==> flow/design.v <==
module dp_mplex #(
   parameter int DATA_WIDTH = 2
) (
   input logic aclk,
   input logic resetn,
   input logic [DATA_WIDTH-1:0] src0,
   input logic [DATA_WIDTH-1:0] src1,
   input logic [DATA_WIDTH-1:0] src2,
   input logic [DATA_WIDTH-1:0] src3,
   input logic [DATA_WIDTH-1:0] src4,
   input logic [DATA_WIDTH-1:0] src5,
   input logic [DATA_WIDTH-1:0] src6,
   input logic [DATA_WIDTH-1:0] src7,
   input logic [6:0] s,
   output logic [DATA_WIDTH-1:0] data_out
);
   logic [DATA_WIDTH-1:0] src0_r;
   logic [DATA_WIDTH-1:0] src1_r;
   logic [DATA_WIDTH-1:0] src2_r;
   logic [DATA_WIDTH-1:0] src3_r;
   logic [DATA_WIDTH-1:0] src4_r;
   logic [DATA_WIDTH-1:0] src5_r;
   logic [DATA_WIDTH-1:0] src6_r;
   logic [DATA_WIDTH-1:0] src7_r;
   logic [6:0] s_r;
   always_ff @(posedge aclk) begin
      if (~resetn) begin
         src0_r <= 0;
         src1_r <= 0;
         src2_r <= 0;
         src3_r <= 0;
         src4_r <= 0;
         src5_r <= 0;
         src6_r <= 0;
         src7_r <= 0;
         s_r <= 0;
      end else begin
         src0_r <= src0;
         src1_r <= src1;
         src2_r <= src2;
         src3_r <= src3;
         src4_r <= src4;
         src5_r <= src5;
         src6_r <= src6;
         src7_r <= src7;
         s_r <= s;
      end
   end
   logic [DATA_WIDTH-1:0] work;
   always_comb begin
      casez (s_r)
         7'b??????1: work = src0_r;
         7'b?????10: work = src1_r;
         7'b????100: work = src2_r;
         7'b???1000: work = src3_r;
         7'b??10000: work = src4_r;
         7'b?100000: work = src5_r;
         7'b1000000: work = src6_r;
         default: work = src7_r;
      endcase
   end
   always_ff @(posedge aclk) begin
      if (~resetn) begin
         data_out <= 0;
      end else begin
         data_out <= work;
      end
   end
endmodule
# Reports on dp_mplex
# What the tools print for dp_mplex, step after step.
# Line numbers count from 1 in the design file above.
# Operators carry their Yosys type and port widths (W data, S select, Z words).
# Cell names lack the library's common part.
# The mark n/a stands for no value.
# inputs
top	dp_mplex
clock_port	aclk
cell_library	sky130hd
lib_corner	tt_025C_1v80

# Word level
# Counts by Yosys on the flattened word-level netlist (proc, flatten, opt, wreduce; memories kept). Register bits leave out memories and registers merged into their read ports (data or address); mux counts leave out enables and synchronous resets folded into registers. Print and check cells are left out. Cells with the same type and inputs are merged into one.
# op_classes
eq_ne	6
mux	1
# ops
cell	count
$pmux W2 S7	1
$eq A7 B7 Y1 const B	1
$eq A6 B6 Y1 const B	1
$eq A5 B5 Y1 const B	1
$eq A4 B4 Y1 const B	1
$eq A3 B3 Y1 const B	1
$eq A2 B2 Y1 const B	1
# bits
in_bits	25
ff_bits	25
elab_cells	17
out_inout_bits	2

# Longest topological paths
# Longest topological path by Yosys (ltp), each cell counted once; first at word level (registers and memories cut), then after technology mapping (sequential cells cut; the memories' decode and read muxes count).
# depth
word_depth	2
abc_area	0
mapped_depth	4
mapped_depth_nobuf	4

# Mapped cells and area
# The flow's flattened synthesis, as Yosys stat reports it; memories are mapped. The netlist is that of the ABC_AREA named above (0 if unset); the other value can give another one.
# The area totals of this step are shown rounded.
# by_type
cell	count	area_total_um2
dfxtp_1	25	500.48
and2_1	23	143.888
a21oi_1	7	35.034
nand2_1	5	18.768
nor3_4	1	16.266
o21ai_0	3	15.014
o21ai_1	2	10.01
a32oi_1	1	8.758
o311ai_1	1	8.758
clkbuf_1	2	7.507
inv_1	2	7.507
nand3b_1	1	7.507
nor3b_1	1	7.507
a31oi_1	1	6.256
nand2b_1	1	6.256
nor2b_1	1	6.256
nor4_1	1	6.256
nand3_1	1	5.005
# mapped
buffers	2
ffs	25
area_um2	817
mapped_cells	79
sequential_area_um2	500

# Worst setup path after synthesis
# Source: OpenSTA report_checks on the synthesized netlist (no wires, ideal clock, input and output delay 20% of the period each), path of least setup slack; recovery checks are left aside. Register names are those of the netlist, which keeps one name where synthesis merged equal registers.
# synth_timing
kind	reg2reg
start	register s_r[5]
end	register data_out[1]
t_first_pin_ps	0
arrival_ps	848
path_buffers	0
driving_pins	5
path_delay_ps	972
clock_period_ps	1210
setup_ps	124
t_required_ps	1086
setup_slack_ps	238
period_less_setup_slack_ps	972
# "path_delay_ps" = arrival - input delay + setup time.
# "driving_pins" counts driving pins, that of a launching flip-flop among them; a cell with two outputs on the path counts twice.
# "period_less_setup_slack_ps" = period - worst setup slack (recovery checks aside). The figure is calculated, with input and output delays left at 20% of the set period.
# Between the ends stands the longest chain of elaborated cells between them, by number of cells; it is not shown to be the way that was timed. Of several equally long chains one is given.
# Each line given opens the expression or statement behind the cell; cells for indexed reads and writes are added by Yosys, which also makes memories of some case tables.
# synth_via
path_cell_list	dfxtp_1 -> nor3b_1 -> a21oi_1 -> o311ai_1 -> a21oi_1
elab_chain_len	2
cone_cells	3
lines_between	1
cone_classes	eq/ne (2); mux (1)
# synth_rtl
item	line_no	rtl
start, declared	25	logic [6:0] s_r;
start, assigned	36	s_r <= 0;
start, assigned	46	s_r <= s;
$eq A7 B7 Y1	51	casez (s_r)
$pmux W2 S7	51
end, assigned	64	data_out <= 0;
end, assigned	66	data_out <= work;
end, declared	15	output logic [DATA_WIDTH-1:0] data_out

# Path in the finished layout
# From the final timing report of run 1: the path of least setup slack in the routed layout; clock arrival at registers is part of the times.
# The report prints the path's times to 10 ps; the period is as set.
# layout_timing
kind	reg2reg
start	register s_r[6]
end	register data_out[1]
clock_period_ps	736
setup_ps	100
path_buffers	0
t_required_ps	940
arrival_ps	1280
t_first_pin_ps	310
setup_slack_ps	-340
driving_pins	5
# Between the ends stands the longest chain of elaborated cells between them, by number of cells; it is not shown to be the way that was timed. Of several equally long chains one is given.
# layout_via
path_cell_list	dfxtp_2 -> nor4_4 -> nand2_1 -> o21ai_1 -> a21oi_1
elab_chain_len	2
cone_cells	2
lines_between	1
cone_classes	eq/ne (1); mux (1)
# layout_rtl
item	line_no	rtl
start, declared	25	logic [6:0] s_r;
start, assigned	36	s_r <= 0;
start, assigned	46	s_r <= s;
$eq A7 B7 Y1	51	casez (s_r)
$pmux W2 S7	51
end, assigned	64	data_out <= 0;
end, assigned	66	data_out <= work;
end, declared	15	output logic [DATA_WIDTH-1:0] data_out

# Record of 3 stored runs of the RTL-to-layout flow on dp_mplex, platform sky130hd. The runs are unordered. Constraints: input delay and output delay 20% of the set period each, output load 0.01 pF.
# "period_less_ws_ps" means the clock period less the worst setup slack. The figure is calculated, with input and output delays left at 20% of the set period.
# "timing.worst_path_ps" means the part of the period allowed to the worst setup path (the constraints hold back 20% at inputs and 20% at outputs) less its slack; where the path has registers, the arrival times of their clocks count too.
# "timing.worst_path_ps" is given in steps of 10 ps.
# The measured numbers are rounded.
# Among the settings, n/a means not set for that run.
# Results: n/a = not shown.
name,run 1,run 2,run 3
period_ns,0.736,0.864,1.21
CORE_UTILIZATION,53,65,40
CORE_ASPECT_RATIO,0.71,0.88,n/a
TNS_END_PERCENT,25,80,n/a
ABC_AREA,0,1,n/a
GPL_ROUTABILITY_DRIVEN,1,n/a,n/a
CTS_CLUSTER_SIZE,13,42,n/a
CAP_MARGIN,20,5,20
CORE_MARGIN,2,6,2
SLEW_MARGIN,20,20,20
SETUP_SLACK_MARGIN,n/a,0.0,n/a
CELL_PAD_IN_SITES_DETAIL_PLACEMENT,n/a,0,n/a
GPL_TIMING_DRIVEN,n/a,1,n/a
CTS_CLUSTER_DIAMETER,n/a,253,n/a
utilization_frac,0.875,n/a,0.593
holdWs_ps,325,n/a,484
total_die_area_um2,1880,n/a,2420
ws_setup_ps,-343,n/a,55
timing.worst_path_ps,1080,n/a,910
timing.worst_path_kind,reg2reg,n/a,reg2out
period_less_ws_ps,1079,n/a,1155
cell_area_final_um2,1200,n/a,1150
ys_area_um2,817,n/a,817
# Run 2: no final report: clock tree synthesis broke off with DPL-0038
